==> flow/design.v <==
module mem_top (core_clk, in_write, in_wa, in_write_data, in_rd_addr, out_read_data);
  parameter integer DEPTH = 24;
  parameter integer WD = 16;
  parameter integer RP = 4;
  parameter integer WPORTS = 4;
  localparam integer ADDR_W = $clog2(DEPTH);
  input core_clk;
  input [WPORTS-1:0] in_write;
  input [WPORTS*ADDR_W-1:0] in_wa;
  input [WPORTS*WD-1:0] in_write_data;
  input [RP*ADDR_W-1:0] in_rd_addr;
  output [RP*WD-1:0] out_read_data;
  reg [WD-1:0] store [DEPTH-1:0];
  integer idx;
  always @(posedge core_clk) begin
    for (idx = 0; idx < WPORTS; idx = idx + 1)
      if (in_write[idx]) store[in_wa[idx*ADDR_W +: ADDR_W]] <= in_write_data[idx*WD +: WD];
  end
  wire [RP*WD-1:0] cur;
  genvar j;
  generate
    for (j = 0; j < RP; j = j + 1) begin : stage
      assign cur[j*WD +: WD] = store[in_rd_addr[j*ADDR_W +: ADDR_W]];
    end
  endgenerate
  assign out_read_data = cur;
endmodule
# From RTL to reports: mem_top
# Tool output for the design above, in the order of the flow.
# Line numbers count from 1 in the design file above.
# Operators: Yosys type, input widths -> output width; for muxes data width and select width s.
# Library cell names are shortened.
# A cell with -- has no value.
# setup
top	mem_top
clock_port	core_clk
library	sky130hd
lib_corner	tt_025C_1v80

# Word level
# Yosys after proc, flatten, opt, wreduce and memory -nomap, before mapping. Enables and synchronous resets that opt folds into registers are not counted as muxes. Memory bits, and registers merged into a memory's read port (data or address), are not among the register bits. Print and check cells are not counted. Equal cells are merged and count once.
# Memory sizes are those after Yosys's memory passes, which may raise the word count (mostly to a power of two), join words into wider ones and drop unused or constant bits.
# word_totals
ram_bits	384
reg_bits	0
wordCells	13
output_inout_bits	64
in_bits	109
memories	1
# mem_list
name	size	word_bits	rd	write_ports	line	text
store	24	16	4	4	13	reg [WD-1:0] store [DEPTH-1:0];
# classes
n_mux	12
# op_table
operator	n
$mux 16	4
$mux 5	4
$mux 1	4

# Longest topological paths
# Yosys ltp: most cells in a row. Word level: on the elaborated netlist, between registers, memories and ports. Mapped: between sequential cells and ports; inverters and the memories' decode and read muxes count.
# depth
word_depth	1
abc_area	0
depth_mapped	8
ltp_nobuf	4

# Synthesis result
# Yosys stat after the flow's synthesis: flattened, memories mapped to cells. It holds for the ABC_AREA given above (unset counts as 0); a run with the other value may have another netlist.
# Totals and module areas in this step are rounded.
# by_type
type	n	type_area_um2
edfxtp_1	384	1.15E+04
mux4_2	256	5765.53
mux2i_1	320	3.2E+03
a211oi_1	384	2.88E+03
o31ai_1	384	2.88E+03
and3_1	385	2408.56
nand2_1	478	1.79E+03
nor2_1	432	1.62E+03
clkbuf_1	386	1448.89
buf_2	123	615.59
a2bb2oi_1	64	560.538
o311ai_0	64	560.538
a22oi_1	64	480.461
o211ai_1	64	480.461
nand3_1	90	450.432
a21oi_1	24	120.115
buf_4	14	105.101
or2_2	16	100.096
# Not listed: further types 17, cells in them 91.
# mapped
sequential_area_um2	11500
ff_cells	384
cells	4023
yosys_area_um2	37600
buffers	550

# Path before layout
# Source: OpenSTA report_checks on the synthesized netlist (no wires, ideal clock, input and output delay 20% of the period each), path of least setup slack; recovery checks are left aside. Register names are those of the netlist, which keeps one name where synthesis merged equal registers.
# synth_path
kind	in2out
from	in in_rd_addr[0]
to	out out_read_data[0]
input_delay_ns	0.680
required_time_ns	2.720
path_slack_ns	0.410
clock_period_ns	3.4
n_path_buf	3
launch_ns	0.680
out_delay_ns	0.680
t_arrival_ns	2.310
delay_ns	1.630
stages	6
synth_period_reached_ns	2.99
# "delay_ns" = arrival - input delay + setup time.
# At an output port there is no setup time.
# "stages" counts driving pins, that of a launching flip-flop among them; a cell with two outputs on the path counts twice.
# "synth_period_reached_ns" is the clock period less the worst setup slack; recovery checks do not enter. This is arithmetic on one report: input and output delays are still those of the set period (20% each).
# The rows between start and end are the longest chain of elaborated cells between them; the timing report does not say that the signal goes this way. Where chains are equally long, one stands for them.
# Each line given opens the expression or statement behind the cell; cells for indexed reads and writes are added by Yosys, which also makes memories of some case tables.
# A memory read counts as a cell of the chain, while the word-level depth stops at memories.
# synth_between
cell_sequence	clkbuf_1 > buf_4 > buf_2 > mux4_2 > o211ai_1 > o311ai_0
elab_chain_cells	1
cells_between	1
lines_between	1
classes_between	1 x memory
# synth_rtl
item	line	text
start, declared	11	input [RP*ADDR_W-1:0] in_rd_addr;
$mem_v2 24x16	13	reg [WD-1:0] store [DEPTH-1:0];
end, declared	12	output [RP*WD-1:0] out_read_data;

# Path in the finished layout
# Path of least setup slack in the final report of stored run 2 (OpenROAD, finished layout, wires in). Where an end is a register, its clock arrival counts in the times.
# layout_path
kind	in2out
from	in in_rd_addr[5]
to	out out_read_data[19]
required_time_ns	4.04
path_slack_ns	0.70
stages	6
out_delay_ns	1.01
t_arrival_ns	3.34
clock_period_ns	5.05
n_path_buf	3
launch_ns	1.01
input_delay_ns	1.01
# The rows between start and end are the longest chain of elaborated cells between them; the timing report does not say that the signal goes this way. Where chains are equally long, one stands for them.
# A memory read counts as a cell of the chain, while the word-level depth stops at memories.
# layout_between
cell_sequence	buf_16 > buf_16 > mux4_2 > o211ai_1 > o311ai_1 > clkdlybuf4s50_1
elab_chain_cells	1
cells_between	1
lines_between	1
classes_between	1 x memory
# layout_rtl
item	line	text
start, declared	11	input [RP*ADDR_W-1:0] in_rd_addr;
$mem_v2 24x16	13	reg [WD-1:0] store [DEPTH-1:0];
end, declared	12	output [RP*WD-1:0] out_read_data;

Memo
Re: implementation data of mem_top

Measured data: module mem_top, platform sky130hd, 3 stored runs of the flow under differing settings, order arbitrary. Input and output delays are each 20% of the period that was set; the output load is 0.01 pF.
By "achieved_clock_period_ns" is meant the clock period of the run minus its worst setup slack. This is arithmetic on one report: input and output delays are still those of the set period (20% each).
"worst_path_time_ns" is the time allowed to the run's worst setup path (the clock period less input and output delay, where it has them) less its slack. Clock arrival times count: a late capture clock shortens it, a late launch clock lengthens it.
By "power.total_w" is meant OpenSTA's value without simulated activity: inputs other than the clock are taken to toggle once in ten clock periods, and the tool carries that through the logic.
The measured numbers are rounded.

Stored run 1, flow files:
==> flow/run.sh <==
#!/bin/bash
# the make line also repeats the synthesis and layout settings of config.mk as NAME=value (left out here)
make -C /OpenROAD-flow-scripts/flow DESIGN_CONFIG=/design/flow/config.mk WORK_HOME=/design/flow/orfs CLKGATE_MAP_FILE= finish
==> flow/config.mk <==
export PLATFORM = sky130hd
export DESIGN_NAME = mem_top
export DESIGN_NICKNAME = mem_top
export VERILOG_FILES = /design/flow/design.v
export SDC_FILE = /design/flow/constraint.sdc
export NUM_CORES = 4
export LEC_CHECK = 0
export CAP_MARGIN = 5
export CELL_PAD_IN_SITES_DETAIL_PLACEMENT = 1
export CORE_ASPECT_RATIO = 1.03
export CORE_MARGIN = 2
export CORE_UTILIZATION = 66
export MAX_ROUTING_LAYER = met5
export MIN_ROUTING_LAYER = met1
export PLACE_DENSITY_LB_ADDON = 0.15
export SETUP_SLACK_MARGIN = 0.79
export SLEW_MARGIN = 35
==> flow/constraint.sdc <==
create_clock -name core_clock -period 3.54 [get_ports {core_clk}]
set_input_delay 0.7080 -clock core_clock [delete_from_list [all_inputs] [get_ports {core_clk}]]
set_output_delay 0.7080 -clock core_clock [all_outputs]
set_load 0.01 [all_outputs]

Stored run 1: stopped before the end: placement reported DPL-0033

Stored run 2, flow files:
==> flow/run.sh <==
#!/bin/bash
# the make line also repeats the synthesis and layout settings of config.mk as NAME=value (left out here)
make -C /OpenROAD-flow-scripts/flow DESIGN_CONFIG=/design/flow/config.mk WORK_HOME=/design/flow/orfs CLKGATE_MAP_FILE= finish
==> flow/config.mk <==
export PLATFORM = sky130hd
export DESIGN_NAME = mem_top
export DESIGN_NICKNAME = mem_top
export VERILOG_FILES = /design/flow/design.v
export SDC_FILE = /design/flow/constraint.sdc
export NUM_CORES = 4
export LEC_CHECK = 0
export CAP_MARGIN = 20
export CELL_PAD_IN_SITES_DETAIL_PLACEMENT = 2
export CORE_MARGIN = 6
export CORE_UTILIZATION = 15
export GPL_ROUTABILITY_DRIVEN = 1
export GPL_TIMING_DRIVEN = 1
export MAX_ROUTING_LAYER = met4
export MIN_ROUTING_LAYER = met1
export PLACE_DENSITY_LB_ADDON = 0.29
export SETUP_SLACK_MARGIN = 0.77
export SLEW_MARGIN = 20
==> flow/constraint.sdc <==
create_clock -name core_clock -period 5.05 [get_ports {core_clk}]
set_input_delay 1.0100 -clock core_clock [delete_from_list [all_inputs] [get_ports {core_clk}]]
set_output_delay 1.0100 -clock core_clock [all_outputs]
set_load 0.01 [all_outputs]

==> results of stored run 2, as CSV <==
result,value
post_synth_area_um2,37600
die_area_um2,263000
finalCellArea_um2,48100
finish.utilization_frac,0.193
worstSetupSlack_ns,0.702
tns_setup_ns,0.000
final_hold_ws_ns,1.06
power.total_w,0.0114
achieved_clock_period_ns,4.348
worst_path_time_ns,2.33
path_kind,"in2out"

Stored run 3, flow files:
==> flow/run.sh <==
#!/bin/bash
# the make line also repeats the synthesis and layout settings of config.mk as NAME=value (left out here)
make -C /OpenROAD-flow-scripts/flow DESIGN_CONFIG=/design/flow/config.mk WORK_HOME=/design/flow/orfs CLKGATE_MAP_FILE= finish
==> flow/config.mk <==
export PLATFORM = sky130hd
export DESIGN_NAME = mem_top
export DESIGN_NICKNAME = mem_top
export VERILOG_FILES = /design/flow/design.v
export SDC_FILE = /design/flow/constraint.sdc
export NUM_CORES = 4
export LEC_CHECK = 0
export CAP_MARGIN = 20
export CORE_MARGIN = 2
export CORE_UTILIZATION = 40
export SLEW_MARGIN = 20
==> flow/constraint.sdc <==
create_clock -name core_clock -period 3.4 [get_ports {core_clk}]
set_input_delay 0.6800 -clock core_clock [delete_from_list [all_inputs] [get_ports {core_clk}]]
set_output_delay 0.6800 -clock core_clock [all_outputs]
set_load 0.01 [all_outputs]

==> results of stored run 3, as CSV <==
result,value
post_synth_area_um2,37600
die_area_um2,96600
finalCellArea_um2,46500
finish.utilization_frac,0.498
worstSetupSlack_ns,-0.023
tns_setup_ns,-0.041
final_hold_ws_ns,1.11
power.total_w,0.0147
achieved_clock_period_ns,3.423
worst_path_time_ns,2.74
path_kind,"reg2out"
